==> flow/design.v <==
module gen_diff_unit (clk, reset, i_x, i_y, o_q, o_diff);
    parameter XLEN = 48;
    input clk;
    input reset;
    input [XLEN-1:0] i_x;
    input [XLEN-1:0] i_y;
    output [XLEN:0] o_q;
    output [XLEN:0] o_diff;
    reg [XLEN-1:0] x_reg;
    reg [XLEN-1:0] y_reg;
    always @(posedge clk) begin
        if (reset) begin
            x_reg <= 0;
            y_reg <= 0;
        end else begin
            x_reg <= i_x;
            y_reg <= i_y;
        end
    end
    assign o_q = x_reg + y_reg;
    assign o_diff = x_reg - y_reg;
endmodule
# Tool chain data of gen_diff_unit
# Tool output for the design above, in the order of the flow.
# Lines are those of the file above, counted from 1.
# Cell names lack the library's common part.
setup:
  top: "gen_diff_unit"
  clock_port: "clk"
  lib: "sky130hd"
  lib_corner: "tt_025C_1v80"

# Word-level counts
# Counts by Yosys on the flattened word-level netlist (proc, flatten, opt, wreduce; memories kept). Register bits leave out memories and registers merged into their read ports (data or address); mux counts leave out enables and synchronous resets folded into registers. Print and check cells are left out. Cells with the same type and inputs are merged into one.
op_classes:
  n_addsub: 2
op_table:
  columns: ["cell", "count"]
  rows:
  - ["adder 48 x 48 -> 49 bit", 1]
  - ["subtractor 48 x 48 -> 49 bit", 1]
word_totals:
  ff_bits: 96
  input_bits: 98

# Longest topological paths
# Yosys ltp: most cells in a row. Word level: on the elaborated netlist, between registers, memories and ports. Mapped: between sequential cells and ports; inverters and the memories' decode and read muxes count.
depth:
  word_depth: 1
  ABC_AREA: 0
  ltp_mapped: 13

# Mapped cells and area
# Source: synth_stat.txt of the flow (Yosys; design flattened, memories mapped). It holds for the ABC_AREA given above (unset counts as 0); a run with the other value may have another netlist.
# Totals and module areas in this step are rounded.
by_type:
  columns: ["cell_type", "count", "area_total_um2"]
  rows:
  - ["dfxtp_1", 96, 1.92E+03]
  - ["ha_1", 96, 1.2E+03]
  - ["xnor2_1", 83, 726.947]
  - ["nor2b_1", 105, 656.88]
  - ["a21oi_1", 114, 570.547]
  - ["inv_1", 95, 356.592]
  - ["nor2_1", 70, 262.752]
  - ["o21bai_1", 31, 232.723]
  - ["a21o_1", 26, 195.187]
  - ["o21ai_0", 30, 150.144]
  - ["o31ai_1", 19, 142.637]
  - ["nand4_1", 19, 118.864]
  - ["clkbuf_1", 30, 112.608]
  - ["nand2_1", 26, 97.594]
  - ["nand2b_1", 15, 93.84]
  - ["buf_2", 18, 90.086]
  - ["a31oi_1", 14, 87.584]
  - ["nand3_1", 15, 75.072]
# Not listed: further types 46, cells in them 124.
synth_totals:
  cells: 1026
  mapped_area_um2: 8120
  seq_area_um2: 1920
  ffs: 96
  buf_cells: 55

# Timing after synthesis
# Source: OpenSTA report_checks on the synthesized netlist (no wires, ideal clock, input and output delay 20% of the period each), path of least setup slack; recovery checks are left aside. Register names are those of the netlist, which keeps one name where synthesis merged equal registers.
synth_timing:
  kind: "reg2out"
  startpoint: "register x_reg[0]"
  endpoint: "output o_diff[26]"
  period_ns: 4.38
  t_first_pin_ns: 0.000
  arrival_ns: 2.806
  required_time_ns: 3.504
  setup_slack_ns: 0.698
  path_delay_ns: 2.806
  driving_pins: 13
  path_buffers: 0
  synth_period_reached_ns: 3.682
# "path_delay_ns" is the arrival time less input delay plus setup time.
# At an output port there is no setup time.
# "driving_pins": output pins that drive a net of the path, with the launching flip-flop's if there is one; two outputs of one cell count as two.
# "synth_period_reached_ns" is the clock period less the worst setup slack; recovery checks do not enter. This is arithmetic on one report: input and output delays are still those of the set period (20% each).
# The rows between start and end are the longest chain of elaborated cells between them; the timing report does not say that the signal goes this way. Where chains are equally long, one stands for them.
# Each line given opens the expression or statement behind the cell; cells for indexed reads and writes are added by Yosys, which also makes memories of some case tables.
synth_between:
  cell_sequence: "dfxtp_1 > inv_1 > ha_1 > fa_1 > nand2b_1 > a21oi_1 > nand2b_1 > a31oi_1 > o21ai_0 > a21boi_1 > o41a_1 > o21ai_0 > xor2_1"
  elab_chain_len: 1
synth_lines:
  columns: ["item", "line", "rtl"]
  rows:
  - ["from (decl)", 9, "reg [XLEN-1:0] x_reg;"]
  - ["from (assign)", 13, "x_reg <= 0;"]
  - ["from (assign)", 16, "x_reg <= i_x;"]
  - ["subtractor 48 x 48 -> 49 bit", 21, "assign o_diff = x_reg - y_reg;"]
  - ["to (decl)", 8, "output [XLEN:0] o_diff;"]

# Path in the finished layout
# Path of least setup slack in the final report of run 1 (OpenROAD, finished layout, wires in). Where an end is a register, its clock arrival counts in the times.
layout_timing:
  kind: "reg2out"
  startpoint: "register y_reg[0]"
  endpoint: "output o_q[45]"
  period_ns: 4.38
  t_first_pin_ns: 0.36
  arrival_ns: 3.48
  required_time_ns: 3.50
  setup_slack_ns: 0.03
  driving_pins: 15
  path_buffers: 3
# The rows between start and end are the longest chain of elaborated cells between them; the timing report does not say that the signal goes this way. Where chains are equally long, one stands for them.
layout_between:
  cell_sequence: "dfxtp_1 > ha_1 > nor3b_2 > o311ai_4 > buf_4 > a31oi_4 > and4bb_4 > o21bai_4 > a311oi_4 > o31ai_4 > a311oi_4 > buf_4 > o31ai_4 > xnor2_1 > buf_2"
  elab_chain_len: 1
layout_lines:
  columns: ["item", "line", "rtl"]
  rows:
  - ["from (decl)", 10, "reg [XLEN-1:0] y_reg;"]
  - ["from (assign)", 14, "y_reg <= 0;"]
  - ["from (assign)", 17, "y_reg <= i_y;"]
  - ["adder 48 x 48 -> 49 bit", 20, "assign o_q = x_reg + y_reg;"]
  - ["to (decl)", 7, "output [XLEN:0] o_q;"]

# Module gen_diff_unit, platform sky130hd: 3 stored runs of the flow (Yosys, OpenROAD) with differing settings, in no particular order. Input and output delays are each 20% of the period that was set; the output load is 0.01 pF.
# By "timing.achieved_period_ns" is meant the clock period of the run minus its worst setup slack. This is arithmetic on one report: input and output delays are still those of the set period (20% each).
# "timing.worst_path_ns" means the part of the period allowed to the worst setup path (the constraints hold back 20% at inputs and 20% at outputs) less its slack; where the path has registers, the arrival times of their clocks count too.
# "design_power_uw": no workload was simulated; the value follows from the tool's default switching activity.
# Measured values are rounded.
runs:
  - name: "run 1"
    settings:
      period_ns: 4.38
      CAP_MARGIN: 20
      CORE_MARGIN: 2
      CORE_UTILIZATION: 40
      SLEW_MARGIN: 20
    results:
      timing.achieved_period_ns: 4.354
      design_power_uw: 3430
      design.die.area_um2: 21400
      fin_ws_ns: 0.026
      timing.worst_path_ns: 3.48
      critical_path_type: "reg2out"
      total_negative_slack_ns: 0.000
      layout_utilization_frac: 0.593
      fin_hold_ws_ns: 0.900
      ys_area_um2: 8120
  - name: "run 2"
    settings:
      period_ns: 3.22
      CORE_UTILIZATION: 54
      SETUP_SLACK_MARGIN: 0.88
      CORE_MARGIN: 3
      CELL_PAD_IN_SITES_GLOBAL_PLACEMENT: 1
      CELL_PAD_IN_SITES_DETAIL_PLACEMENT: 1
      ABC_AREA: 1
      GPL_ROUTABILITY_DRIVEN: 1
      CTS_CLUSTER_SIZE: 97
      CTS_CLUSTER_DIAMETER: 124
      CAP_MARGIN: 35
      SLEW_MARGIN: 15
      MAX_ROUTING_LAYER: "met5"
    outcome: "did not finish, placement stopped with GPL-0301"
  - name: "run 3"
    settings:
      period_ns: 5.6
      CORE_UTILIZATION: 45
      SETUP_SLACK_MARGIN: -0.05
      CELL_PAD_IN_SITES_DETAIL_PLACEMENT: 1
      ABC_AREA: 1
      GPL_ROUTABILITY_DRIVEN: 1
      SLEW_MARGIN: 40
      MIN_ROUTING_LAYER: "met1"
      MAX_ROUTING_LAYER: "met5"
      CAP_MARGIN: 20
      CORE_MARGIN: 2
    results:
      layout_utilization_frac: 0.548
      fin_hold_ws_ns: 1.26
      total_negative_slack_ns: 0.000
      timing.achieved_period_ns: 4.668
      fin_ws_ns: 0.932
      design.die.area_um2: 26700
      design_power_uw: 2850
      ys_area_um2: 11500
      timing.worst_path_ns: 3.55
      critical_path_type: "reg2out"
